==> flow/design.v <==
module gen_mplex #(
    parameter integer DWIDTH = 2,
    parameter integer INPUTS = 7
) (
    input  i_clk,
    input  [INPUTS*DWIDTH-1:0] bus_in,
    input  [INPUTS-1:0] s_in,
    output [DWIDTH-1:0] out_out
);
    reg [INPUTS*DWIDTH-1:0] bus_q;
    reg [INPUTS-1:0] s_q;
    always @(posedge i_clk) begin
        bus_q <= bus_in;
        s_q <= s_in;
    end
    reg [DWIDTH-1:0] val;
    integer n;
    always @(*) begin
        val = 0;
        for (n = 0; n < INPUTS; n = n + 1)
            val = val | (bus_q[n*DWIDTH +: DWIDTH] & {DWIDTH{s_q[n]}});
    end
    assign out_out = val;
endmodule
Lab notebook: gen_mplex

### Reports on gen_mplex

A sweep over "INPUTS": the same steps for each member of the family.
The RTL above is that of INPUTS = 7; lines are counted from 1 in the file of the member named.
Operators carry their Yosys type and port widths (W data, S select, Z words).
Cell names lack the library's common part.
A cell with n/a has no value.

* top: gen_mplex
* clock port: i_clk
* cell library: sky130hd
* timing corner: tt_025C_1v80

### Members of the sweep

New or changed lines of each further member against the RTL above, in its own file; lines it lacks are not shown.

Lines new or changed
* INPUTS 8: line 3 `parameter integer INPUTS = 8`
* INPUTS 10: line 3 `parameter integer INPUTS = 10`
* INPUTS 12: line 3 `parameter integer INPUTS = 12`
* INPUTS 20: line 3 `parameter integer INPUTS = 20`

### Word-level counts

Counts by Yosys on the flattened word-level netlist (proc, flatten, opt, wreduce; memories kept). Register bits leave out memories and registers merged into their read ports (data or address); mux counts leave out enables and synchronous resets folded into registers. Print and check cells are left out. Cells with the same type and inputs are merged into one.

Word-level totals
* INPUTS 7: register bits after elaboration 21, input bits 22, word-level cells 15
* INPUTS 8: register bits after elaboration 24, input bits 25, word-level cells 17
* INPUTS 10: register bits after elaboration 30, input bits 31, word-level cells 21
* INPUTS 12: register bits after elaboration 36, input bits 37, word-level cells 25
* INPUTS 20: register bits after elaboration 60, input bits 61, word-level cells 41

Operators by class (bitwise gates (word level))
* INPUTS 7: 13
* INPUTS 8: 15
* INPUTS 10: 19
* INPUTS 12: 23
* INPUTS 20: 39

Operators by type and width (kind and count)
* INPUTS 7: $and A2 B2 Y2 (7); $or A2 B2 Y2 (6)
* INPUTS 8: $and A2 B2 Y2 (8); $or A2 B2 Y2 (7)
* INPUTS 10: $and A2 B2 Y2 (10); $or A2 B2 Y2 (9)
* INPUTS 12: $and A2 B2 Y2 (12); $or A2 B2 Y2 (11)
* INPUTS 20: $and A2 B2 Y2 (20); $or A2 B2 Y2 (19)

### Longest topological paths

Depth = most cells in a row (Yosys ltp): at word level without a register or memory, in the mapped netlist without a sequential cell, where the memories' decode and read muxes count.

Logic depth
* INPUTS 7: depth after elaboration 7, ABC_AREA 0, gate-level depth with buffers 2
* INPUTS 8: depth after elaboration 8, ABC_AREA 0, gate-level depth with buffers 2
* INPUTS 10: depth after elaboration 10, ABC_AREA 0, gate-level depth with buffers 3
* INPUTS 12: depth after elaboration 12, ABC_AREA 0, gate-level depth with buffers 3
* INPUTS 20: depth after elaboration 20, ABC_AREA 0, gate-level depth with buffers 4

### Mapped cells and area

The flow's flattened synthesis, as Yosys stat reports it; memories are mapped. The netlist is that of the ABC_AREA named above (0 if unset); the other value can give another one.
Totals and module areas in this step are rounded.

Cell types (types with counts)
* INPUTS 7: dfxtp_1 (21); a22oi_1 (4); a222oi_1 (2); nand3_1 (2)
* INPUTS 8: dfxtp_1 (24); a22oi_1 (8); nand4_1 (2)
* INPUTS 10: dfxtp_1 (30); a22oi_1 (6); a221oi_2 (2); a22o_1 (2); nand4_1 (2)
* INPUTS 12: dfxtp_1 (36); a22o_1 (6); a221oi_1 (5); a221oi_2 (1); nand3_1 (2)
* INPUTS 20: dfxtp_1 (60); a22o_1 (8); a221oi_2 (4); a221oi_1 (4); a22oi_1 (4); and3_1 (2); nand4_1 (2)

Synthesis totals
* INPUTS 7: standard cells after synthesis 29, buffers 0, cell area after synthesis 480 µm², mapped flip-flops 21
* INPUTS 8: standard cells after synthesis 34, buffers 0, cell area after synthesis 553 µm², mapped flip-flops 24
* INPUTS 10: standard cells after synthesis 42, buffers 0, cell area after synthesis 706 µm², mapped flip-flops 30
* INPUTS 12: standard cells after synthesis 50, buffers 0, cell area after synthesis 842 µm², mapped flip-flops 36
* INPUTS 20: standard cells after synthesis 84, buffers 0, cell area after synthesis 1420 µm², mapped flip-flops 60

### Path before layout

Source: OpenSTA report_checks on the synthesized netlist (no wires, ideal clock, input and output delay 20% of the period each), path of least setup slack; recovery checks are left aside. Register names are those of the netlist, which keeps one name where synthesis merged equal registers.

Timing after synthesis
* INPUTS 7: kind reg2out, from register bus_q[8], to output out_out[0], path slack 0.186 ns, delay of the path 0.742 ns, stages 3, clock period 1.16 ns, synthesis period reached 0.974 ns
* INPUTS 8: kind reg2out, from register s_q[0], to output out_out[1], path slack 0.153 ns, delay of the path 0.615 ns, stages 3, clock period 0.961 ns, synthesis period reached 0.808 ns
* INPUTS 10: kind reg2out, from register bus_q[8], to output out_out[0], path slack 0.208 ns, delay of the path 0.824 ns, stages 4, clock period 1.29 ns, synthesis period reached 1.082 ns
* INPUTS 12: kind reg2out, from register bus_q[12], to output out_out[0], path slack 0.209 ns, delay of the path 0.839 ns, stages 4, clock period 1.31 ns, synthesis period reached 1.101 ns
* INPUTS 20: kind reg2out, from register s_q[0], to output out_out[1], path slack 0.243 ns, delay of the path 0.981 ns, stages 5, clock period 1.53 ns, synthesis period reached 1.287 ns

"delay of the path" = arrival - input delay + setup time.
At an output port there is no setup time.
"stages": output pins that drive a net of the path, with the launching flip-flop's if there is one; two outputs of one cell count as two.
"synthesis period reached" = period - worst setup slack (recovery checks aside). The figure is calculated, with input and output delays left at 20% of the set period.
The rows between start and end are the longest chain of elaborated cells between them; the timing report does not say that the signal goes this way. Where chains are equally long, one stands for them.
A line is the first line of the expression or statement that the cell stems from. Yosys adds cells for indexed reads and writes and turns some case tables into memories.

Between the ends, after synthesis, INPUTS = 7:
* cells in the longest elaborated chain: 4

Ends and longest elaborated chain, after synthesis, INPUTS = 7
* start: declaration: line 10 `reg [INPUTS*DWIDTH-1:0] bus_q;`
* start: assignment: line 13 `bus_q <= bus_in;`
* $and A2 B2 Y2: line 21 `val = val | (bus_q[n*DWIDTH +: DWIDTH] & {DWIDTH{s_q[n]}});`
* $or A2 B2 Y2 x3: line 21
* end: declaration: line 8 `output [DWIDTH-1:0] out_out`

Between the ends, after synthesis, INPUTS = 20:
* cells in the longest elaborated chain: 20

Ends and longest elaborated chain, after synthesis, INPUTS = 20
* start: declaration: line 11 `reg [INPUTS-1:0] s_q;`
* start: assignment: line 14 `s_q <= s_in;`
* $and A2 B2 Y2: line 21 `val = val | (bus_q[n*DWIDTH +: DWIDTH] & {DWIDTH{s_q[n]}});`
* $or A2 B2 Y2 x19: line 21
* end: declaration: line 8 `output [DWIDTH-1:0] out_out`

### Path in the finished layout

Path of least setup slack in the final report of each member's run (OpenROAD, finished layout, wires in). Where an end is a register, its clock arrival counts in the times.

Timing after layout
* INPUTS 7: kind reg2out, from register s_q[4], to output out_out[0], stages 4, clock period 1.16 ns, path slack -0.30 ns, data arrival time 1.23 ns
* INPUTS 8: kind reg2out, from register s_q[4], to output out_out[0], stages 4, clock period 0.961 ns, path slack -0.32 ns, data arrival time 1.09 ns
* INPUTS 10: kind reg2out, from register bus_q[9], to output out_out[1], stages 5, clock period 1.29 ns, path slack -0.25 ns, data arrival time 1.28 ns
* INPUTS 12: kind reg2out, from register s_q[6], to output out_out[0], stages 5, clock period 1.31 ns, path slack -0.28 ns, data arrival time 1.32 ns
* INPUTS 20: kind reg2out, from register s_q[7], to output out_out[0], stages 6, clock period 1.53 ns, path slack -0.38 ns, data arrival time 1.60 ns

### Layout results

Settings and results of one run of the flow (Yosys, OpenROAD) for each member follow. The constraints put input and output delay at 20% of the set period each and load the outputs with 0.01 pF.

* CAP_MARGIN: 20
* CORE_MARGIN: 2
* CORE_UTILIZATION: 40
* SLEW_MARGIN: 20

Settings that differ (period_ns)
* INPUTS 7: 1.16
* INPUTS 8: 0.961
* INPUTS 10: 1.29
* INPUTS 12: 1.31
* INPUTS 20: 1.53

Results
* INPUTS 7: total negative slack -0.585 ns, power consumption 0.00119 W, area inside the die boundary 1490 µm², netlist area reported by Yosys 480 µm², standard-cell area after routing 746 µm², period achieved 1.460 ns, worst setup slack after layout -0.300 ns
* INPUTS 8: total negative slack -0.631 ns, power consumption 0.00171 W, area inside the die boundary 1700 µm², netlist area reported by Yosys 553 µm², standard-cell area after routing 903 µm², period achieved 1.283 ns, worst setup slack after layout -0.322 ns
* INPUTS 10: total negative slack -0.491 ns, power consumption 0.00157 W, area inside the die boundary 2120 µm², netlist area reported by Yosys 706 µm², standard-cell area after routing 1100 µm², period achieved 1.536 ns, worst setup slack after layout -0.246 ns
* INPUTS 12: total negative slack -0.524 ns, power consumption 0.00207 W, area inside the die boundary 2490 µm², netlist area reported by Yosys 842 µm², standard-cell area after routing 1400 µm², period achieved 1.587 ns, worst setup slack after layout -0.277 ns
* INPUTS 20: total negative slack -0.715 ns, power consumption 0.00295 W, area inside the die boundary 4050 µm², netlist area reported by Yosys 1420 µm², standard-cell area after routing 2290 µm², period achieved 1.909 ns, worst setup slack after layout -0.379 ns

"period achieved" is the run's clock period less its worst setup slack. It is reckoned from that one timing run; input and output delays stay at 20% of the period that was set.
By "power consumption" is meant OpenSTA's value without simulated activity: inputs other than the clock are taken to toggle once in ten clock periods, and the tool carries that through the logic.
Measured values are rounded.
